==> flow/design.v <==
module cpu_shifter (ck, RSTN, enable, i_ch, i_n, i_dir, o_data_out);
    parameter integer BITS = 40;
    localparam integer SEL_WIDTH = $clog2(BITS);
    input ck;
    input RSTN;
    input enable;
    input [BITS-1:0] i_ch;
    input [SEL_WIDTH-1:0] i_n;
    input i_dir;
    output [BITS-1:0] o_data_out;
    reg [BITS-1:0] r_ch;
    reg [SEL_WIDTH-1:0] r_n;
    reg r_dir;
    always @(posedge ck or negedge RSTN) begin
        if (~RSTN) begin
            r_ch <= 0;
            r_n <= 0;
            r_dir <= 1'b0;
        end else if (enable) begin
            r_ch <= i_ch;
            r_n <= i_n;
            r_dir <= i_dir;
        end
    end
    assign o_data_out = r_dir ? r_ch << r_n : r_ch >> r_n;
endmodule
=== From RTL to reports: cpu_shifter ===
What the tools print for cpu_shifter, step after step.
Line numbers count from 1 in the design file above.
Operators carry their Yosys type and port widths (W data, S select, Z words).
Cell names lack the library's common part.
A cell with - has no value.

* Design top: cpu_shifter
* Clock: ck
* Cell library: sky130hd
* Corner: tt_025C_1v80

=== After elaboration ===
Source: Yosys, flattened and elaborated, memories not mapped. Widths are those after wreduce; folded enables and synchronous resets count as part of the registers. Registers that Yosys merges into a memory's read port (data or address) are not register bits. Print and check cells do not count. Equal cells are merged and count once.

* Shifts and indexed selects: 2
* Muxes and demuxes: 1

{| class="wikitable"
|+ Operators by type and width
! operator !! number
|-
| $shl A40 B6 Y40 || 1
|-
| $shr A40 B6 Y40 || 1
|-
| $mux W40 || 1
|}

* Bits in registers: 47
* Input bits: 50
* Output and inout port bits: 40
* Word-level cells: 6

=== Logic depth ===
Longest topological path by Yosys (ltp), each cell counted once; first at word level (registers and memories cut), then after technology mapping (sequential cells cut; the memories' decode and read muxes count).

* Depth after elaboration: 2
* ABC_AREA: 0
* Mapped depth: 10
* Depth with buffers taken out: 5

=== After synthesis ===
Source: synth_stat.txt of the flow (Yosys; design flattened, memories mapped). It holds for the ABC_AREA given above (unset counts as 0); a run with the other value may have another netlist.

{| class="wikitable"
|+ Cell types
! cell type !! number !! total area (um^2)
|-
| mux4_2 || 75 || 1689.12
|-
| dfrtp_1 || 47 || 1.18E+03
|-
| mux2_2 || 69 || 776.995
|-
| mux2i_1 || 64 || 640.614
|-
| nand2_1 || 75 || 281.52
|-
| nor2_1 || 51 || 191.434
|-
| o21ai_0 || 35 || 175.168
|-
| clkbuf_1 || 38 || 142.637
|-
| o211ai_1 || 15 || 112.608
|-
| o221ai_1 || 12 || 105.101
|-
| a21oi_1 || 20 || 100.096
|-
| o22ai_1 || 15 || 93.84
|-
| buf_6 || 8 || 90.086
|-
| a211oi_1 || 9 || 67.565
|-
| buf_2 || 13 || 65.062
|-
| nor3_1 || 11 || 55.053
|-
| a22oi_1 || 7 || 52.55
|-
| nand2b_1 || 8 || 50.048
|}

Not listed: further types 44, cells in them 105.

* Mapped cells: 677
* Synthesis area: 6655.1 um^2
* Sequential area: 1176.1 um^2
* Mapped flip-flops: 47
* Buffer cells: 72

=== Timing after synthesis ===
Source: OpenSTA report_checks on the synthesized netlist (no wires, ideal clock, input and output delay 20% of the period each), path of least setup slack; recovery checks are left aside. Register names are those of the netlist, which keeps one name where synthesis merged equal registers.

* Kind: flip-flop to output port
* Start: register r_n[1]
* End: output port o_data_out[36]
* Period: 3.39 ns
* External output delay: 0.678 ns
* Time at the first pin: 0.000 ns
* Arrival: 2.170 ns
* Data required time: 2.712 ns
* Slack: 0.542 ns
* Delay of the path: 2.170 ns
* Driving pins on the path: 9
* Path buffers: 3
* Synthesis period reached: 2.848 ns

"delay of the path" = arrival - input delay + setup time.
A path that ends at an output port has no setup time.
"driving pins on the path": output pins that drive a net of the path, with the launching flip-flop's if there is one; two outputs of one cell count as two.
"synthesis period reached" = period - worst setup slack (recovery checks aside). The figure is calculated, with input and output delays left at 20% of the set period.
Between the ends stands the longest chain of elaborated cells between them, by number of cells; it is not shown to be the way that was timed. Of several equally long chains one is given.
Each line given opens the expression or statement behind the cell; cells for indexed reads and writes are added by Yosys, which also makes memories of some case tables.

* Cell sequence: dfrtp_1 > buf_6 > buf_6 > buf_4 > or3b_1 > o221ai_1 > a31oi_1 > a311o_1 > a222oi_1
* Length of the longest elaborated chain: 2
* Elaborated cells between the ends (all ways): 3
* Source lines of those cells: 1
* Classes of those cells: shift (2); mux (1)

{| class="wikitable"
|+ Ends and longest elaborated chain, post-synthesis
! item !! RTL line !! source
|-
| from (decl) || 12 || <nowiki>reg [SEL_WIDTH-1:0] r_n;</nowiki>
|-
| from (assign) || 17 || <nowiki>r_n <= 0;</nowiki>
|-
| from (assign) || 21 || <nowiki>r_n <= i_n;</nowiki>
|-
| $shr A40 B6 Y40 || 25 || <nowiki>assign o_data_out = r_dir ? r_ch << r_n : r_ch >> r_n;</nowiki>
|-
| $mux W40 || 25 ||
|-
| to (decl) || 10 || <nowiki>output [BITS-1:0] o_data_out;</nowiki>
|}

=== Timing after layout ===
From the final timing report of entry A: the path of least setup slack in the routed layout; clock arrival at registers is part of the times.

* Kind: flip-flop to output port
* Start: register r_n[1]
* End: output port o_data_out[14]
* Period: 2.5 ns
* External output delay: 0.50 ns
* Time at the first pin: 0.29 ns
* Arrival: 2.76 ns
* Data required time: 2.00 ns
* Slack: -0.76 ns
* Driving pins on the path: 8
* Path buffers: 3

Between the ends stands the longest chain of elaborated cells between them, by number of cells; it is not shown to be the way that was timed. Of several equally long chains one is given.

* Cell sequence: dfrtp_4 > buf_4 > buf_16 > mux4_2 > mux2_4 > mux4_2 > a22o_1 > buf_2
* Length of the longest elaborated chain: 2
* Elaborated cells between the ends (all ways): 3
* Source lines of those cells: 1
* Classes of those cells: shift (2); mux (1)

{| class="wikitable"
|+ Ends and longest elaborated chain, after layout
! item !! RTL line !! source
|-
| from (decl) || 12 || <nowiki>reg [SEL_WIDTH-1:0] r_n;</nowiki>
|-
| from (assign) || 17 || <nowiki>r_n <= 0;</nowiki>
|-
| from (assign) || 21 || <nowiki>r_n <= i_n;</nowiki>
|-
| $shr A40 B6 Y40 || 25 || <nowiki>assign o_data_out = r_dir ? r_ch << r_n : r_ch >> r_n;</nowiki>
|-
| $mux W40 || 25 ||
|-
| to (decl) || 10 || <nowiki>output [BITS-1:0] o_data_out;</nowiki>
|}

Settings and measured results of 3 stored flow runs for module cpu_shifter (sky130hd), not sorted in any way. The constraints put input and output delay at 20% of the set period each and load the outputs with 0.01 pF.
"time of the worst setup path" = time allowed to the worst setup path (clock period - input delay - output delay, where it has them) - its slack; a late launch clock adds to it, a late capture clock takes from it.
"total power after layout": no workload was simulated; the value follows from the tool's default switching activity.

=== Entry A ===
{| class="wikitable"
! Setting !! Value
|-
| period_ns || 2.5
|-
| CORE_UTILIZATION || 24
|-
| SETUP_SLACK_MARGIN || 0.12
|-
| PLACE_DENSITY_LB_ADDON || 0.15
|-
| CORE_MARGIN || 7
|-
| GPL_ROUTABILITY_DRIVEN || 0
|-
| CTS_CLUSTER_SIZE || 53
|-
| CTS_CLUSTER_DIAMETER || 337
|-
| MIN_ROUTING_LAYER || met1
|-
| CAP_MARGIN || 20
|-
| SLEW_MARGIN || 20
|-
! Result !! Value
|-
| Post-route setup TNS || -24.339 ns
|-
| Total power after layout || 6.129 mW
|-
| Chip area in the Yosys report || 6655.1 um^2
|-
| Time of the worst setup path || 2.76 ns
|-
| Critical path kind || flip-flop to output port
|-
| Area of the standard cells in the finished layout || 11232.0 um^2
|-
| Full die area || 32587.5 um^2
|-
| Smallest setup slack || -0.755 ns
|}

=== Entry B ===
{| class="wikitable"
! Setting !! Value
|-
| period_ns || 3.16
|-
| CORE_UTILIZATION || 23
|-
| SETUP_SLACK_MARGIN || 0.78
|-
| PLACE_DENSITY_LB_ADDON || 0.02
|-
| TNS_END_PERCENT || 30
|-
| ABC_AREA || 1
|-
| GPL_TIMING_DRIVEN || 1
|-
| GPL_ROUTABILITY_DRIVEN || 0
|-
| CAP_MARGIN || 40
|-
| SLEW_MARGIN || 15
|-
| MAX_ROUTING_LAYER || met5
|-
| CORE_MARGIN || 2
|-
! Result !! Value
|-
| Time of the worst setup path || 2.28 ns
|-
| Critical path kind || flip-flop to output port
|-
| Smallest setup slack || 0.248 ns
|-
| Area of the standard cells in the finished layout || 9415.3 um^2
|-
| Total power after layout || 3.904 mW
|-
| Chip area in the Yosys report || 6354.8 um^2
|-
| Full die area || 28974.8 um^2
|-
| Post-route setup TNS || 0.000 ns
|}

=== Entry C ===
{| class="wikitable"
! Setting !! Value
|-
| period_ns || 3.39
|-
| CAP_MARGIN || 20
|-
| CORE_MARGIN || 2
|-
| CORE_UTILIZATION || 40
|-
| SLEW_MARGIN || 20
|-
! Result !! Value
|-
| Post-route setup TNS || -0.097 ns
|-
| Full die area || 17685.0 um^2
|-
| Time of the worst setup path || 2.76 ns
|-
| Critical path kind || flip-flop to output port
|-
| Area of the standard cells in the finished layout || 9257.6 um^2
|-
| Smallest setup slack || -0.051 ns
|-
| Total power after layout || 3.831 mW
|-
| Chip area in the Yosys report || 6655.1 um^2
|}
